==> flow/design.v <==
module regfile #(
  parameter integer NWORDS = 16,
  parameter integer NBITS = 48,
  parameter integer AWIDTH = $clog2(NWORDS)
) (
  input wire i_clk,
  input wire rst_ni,
  input wire we,
  input wire [AWIDTH-1:0] write_addr,
  input wire [NBITS-1:0] wd,
  input wire [AWIDTH-1:0] raddr_a,
  input wire [AWIDTH-1:0] raddr_b,
  output wire [NBITS-1:0] q_a,
  output wire [NBITS-1:0] q_b
);
  reg [NBITS-1:0] array [0:NWORDS-1];
  always @(posedge i_clk) begin
    if (we && write_addr != 0)
      array[write_addr] <= wd;
  end
  reg [NBITS-1:0] q_a_s;
  always @(posedge i_clk or negedge rst_ni) begin
    if (~rst_ni) begin
      q_a_s <= 0;
    end else begin
      q_a_s <= (raddr_a == 0) ? {NBITS{1'b0}} : array[raddr_a];
    end
  end
  assign q_a = q_a_s;
  reg [NBITS-1:0] q_b_s;
  always @(posedge i_clk or negedge rst_ni) begin
    if (~rst_ni) begin
      q_b_s <= 0;
    end else begin
      q_b_s <= (raddr_b == 0) ? {NBITS{1'b0}} : array[raddr_b];
    end
  end
  assign q_b = q_b_s;
endmodule
Reports on regfile. Tool output for the design above, in the order of the flow. Lines are those of the file above, counted from 1. Library cell names are shortened. A cell with - has no value.

Design top: regfile. Clock port: i_clk. Cell library: sky130hd. Timing corner: tt_025C_1v80.

Elaborated design. Yosys after proc, flatten, opt, wreduce and memory -nomap, before mapping. Enables and synchronous resets that opt folds into registers are not counted as muxes. Memory bits, and registers merged into a memory's read port (data or address), are not among the register bits. Print and check cells are not counted. Equal cells are merged and count once. Memory sizes are those after Yosys's memory passes, which may raise the word count (mostly to a power of two), join words into wider ones and drop unused or constant bits.

Under multiplexer cells stands 5. The figure for reductions and logical operators is 4.

Operator list (number): 48-bit two-way mux (3); 4-bit logical NOT (2); 4-bit nonzero test (1); 4-bit two-way mux (1); 1-bit logical AND (1); 1-bit two-way mux (1).

Under flip-flop bits (word level) stands 96. For bits in writable memories the number is 768. Memory cells: 1. Bits of input ports: 63. Output and inout port bits: 96. Elaborated cells: 12.

Memory list: array (depth 16, bits a word 48, rd ports 2, write ports 1, line 16) `reg [NBITS-1:0] array [0:NWORDS-1];`.

Depth. Longest topological path by Yosys (ltp), each cell counted once; first at word level (registers and memories cut), then after technology mapping (sequential cells cut; the memories' decode and read muxes count).

Under word-level depth stands 3. ABC_AREA: 0. Mapped depth: 8.

Netlist. Yosys stat after the flow's synthesis: flattened, memories mapped to cells. It holds for the ABC_AREA given above (unset counts as 0); a run with the other value may have another netlist.

Cells in the netlist: 1556. Under chip area (Yosys) stands 0.035439 sq mm. The entry for flip-flop cells reads 817. The entry for buffer cells reads 121.

Cells by type (number): edfxtp_1 (721); mux4_2 (381); dfrtp_1 (96); mux2_2 (95); a22o_1 (94); clkbuf_1 (54); buf_4 (19); buf_6 (12); buf_2 (25); nor2_1 (13); buf_1 (11); mux2i_1 (4); nor3_1 (5); nor2b_1 (3); a211oi_1 (2); nand3b_1 (2); nand2b_1 (2); inv_1 (3).

Not listed: further types 10, cells in them 14.

Worst setup path after synthesis. Source: OpenSTA report_checks on the synthesized netlist (no wires, ideal clock, input and output delay 20% of the period each), path of least setup slack; recovery checks are left aside. Register names are those of the netlist, which keeps one name where synthesis merged equal registers.

Path type: input -> register. From: input port write_addr[2]. To: memory array[8][0]. Under period stands 6.26 ns. The entry for setup time reads 0.513 ns. Launch time at the first pin: 1.252 ns. The figure for data arrival time is 4.743 ns. Data required time: 5.747 ns. Setup slack: 1.004 ns. Under path delay stands 4.004 ns. For driving pins on the path the number is 2. The figure for period reached after synthesis is 5.256 ns.

"path delay" is the arrival time less input delay plus setup time. "driving pins on the path": output pins that drive a net of the path, with the launching flip-flop's if there is one; two outputs of one cell count as two. "period reached after synthesis" is the clock period less the worst setup slack; recovery checks do not enter. This is arithmetic on one report: input and output delays are still those of the set period (20% each). Between the ends stands the longest chain of elaborated cells between them, by number of cells; it is not shown to be the way that was timed. Of several equally long chains one is given. A line is the first line of the expression or statement that the cell stems from. Yosys adds cells for indexed reads and writes and turns some case tables into memories. The path ends at the enable pin of a flip-flop; only ways to that pin are counted.

Cells stage by stage: nand3b_1 nor3_1. Cells in the longest elaborated chain: 3. The entry for elaborated cells on any way between the ends reads 4. Under RTL lines with such cells stands 1. Classes of those cells: mux: 2; reduce/logical: 2.

Ends and longest elaborated chain, after synthesis: start: declaration (line 9) `input wire [AWIDTH-1:0] write_addr,`; 4-bit nonzero test (line 18) `if (we && write_addr != 0)`; 1-bit logical AND (line 18); 4-bit two-way mux (line 18); end: declaration (line 16) `reg [NBITS-1:0] array [0:NWORDS-1];`.

Worst path after layout. From the final timing report of job 1: the path of least setup slack in the routed layout; clock arrival at registers is part of the times.

Path type: input -> register. From: input port we. To: memory array[14][18]. Under period stands 6.26 ns. The entry for setup time reads 0.37 ns. Launch time at the first pin: 1.25 ns. The figure for data arrival time is 3.71 ns. Data required time: 6.52 ns. Setup slack: 2.81 ns. For driving pins on the path the number is 4.

Between the ends stands the longest chain of elaborated cells between them, by number of cells; it is not shown to be the way that was timed. Of several equally long chains one is given. The path ends at the enable pin of a flip-flop; only ways to that pin are counted.

Cells stage by stage: clkdlybuf4s50_1 nand3_1 nor2_4 buf_4. Cells in the longest elaborated chain: 2. The entry for elaborated cells on any way between the ends reads 3. Under RTL lines with such cells stands 1. Classes of those cells: mux: 2; reduce/logical: 1.

Ends and longest elaborated chain, after layout: start: declaration (line 8) `input wire we,`; 1-bit logical AND (line 18) `if (we && write_addr != 0)`; 4-bit two-way mux (line 18); end: declaration (line 16) `reg [NBITS-1:0] array [0:NWORDS-1];`.

Subject: regfile on sky130hd, stored results

Hello all,

Measured data: module regfile, platform sky130hd, 3 stored runs of the flow under differing settings, order arbitrary. Input and output delays are each 20% of the period that was set; the output load is 0.01 pF. "overall power": no workload was simulated; the value follows from the tool's default switching activity.

Job 1 has these settings: period_ns 6.26; CAP_MARGIN 20; CORE_MARGIN 2; CORE_UTILIZATION 40; SLEW_MARGIN 20. The area of the synthesized netlist stands at 0.035439 sq mm. For the area of the die the run shows 0.0909957 sq mm. The measured standard-cell area of the final layout is 0.0410794 sq mm. The final design utilization is 46.6 %. The worst setup slack after layout is 2.809 ns. For the total negative slack the run shows 0.000 ns. The overall power is 12332 µW.

Job 2 has these settings: period_ns 6.6; CORE_UTILIZATION 52; SETUP_SLACK_MARGIN 0.11; PLACE_DENSITY_LB_ADDON 0.05; CORE_ASPECT_RATIO 1.57; CELL_PAD_IN_SITES_GLOBAL_PLACEMENT 2; CELL_PAD_IN_SITES_DETAIL_PLACEMENT 2; GPL_ROUTABILITY_DRIVEN 0; CAP_MARGIN 40; MIN_ROUTING_LAYER met2; MAX_ROUTING_LAYER met5; CORE_MARGIN 2; SLEW_MARGIN 20. The area of the synthesized netlist stands at 0.035439 sq mm. For the area of the die the run shows 0.0703085 sq mm. The measured standard-cell area of the final layout is 0.0412921 sq mm. The final design utilization is 61.4 %. The worst setup slack after layout is 3.103 ns. For the total negative slack the run shows 0.000 ns. The overall power is 11914 µW.

Job 3 has these settings: period_ns 4.77; CORE_UTILIZATION 64; SETUP_SLACK_MARGIN 0.7; PLACE_DENSITY_LB_ADDON 0.24; CORE_ASPECT_RATIO 0.73; CELL_PAD_IN_SITES_GLOBAL_PLACEMENT 3; CTS_CLUSTER_SIZE 63; CAP_MARGIN 20; CORE_MARGIN 2; SLEW_MARGIN 20. The area of the synthesized netlist stands at 0.035439 sq mm. For the area of the die the run shows 0.0572954 sq mm. The measured standard-cell area of the final layout is 0.0403499 sq mm. The final design utilization is 73.9 %. The worst setup slack after layout is 1.896 ns. For the total negative slack the run shows 0.000 ns. The overall power is 15369 µW.

Thanks
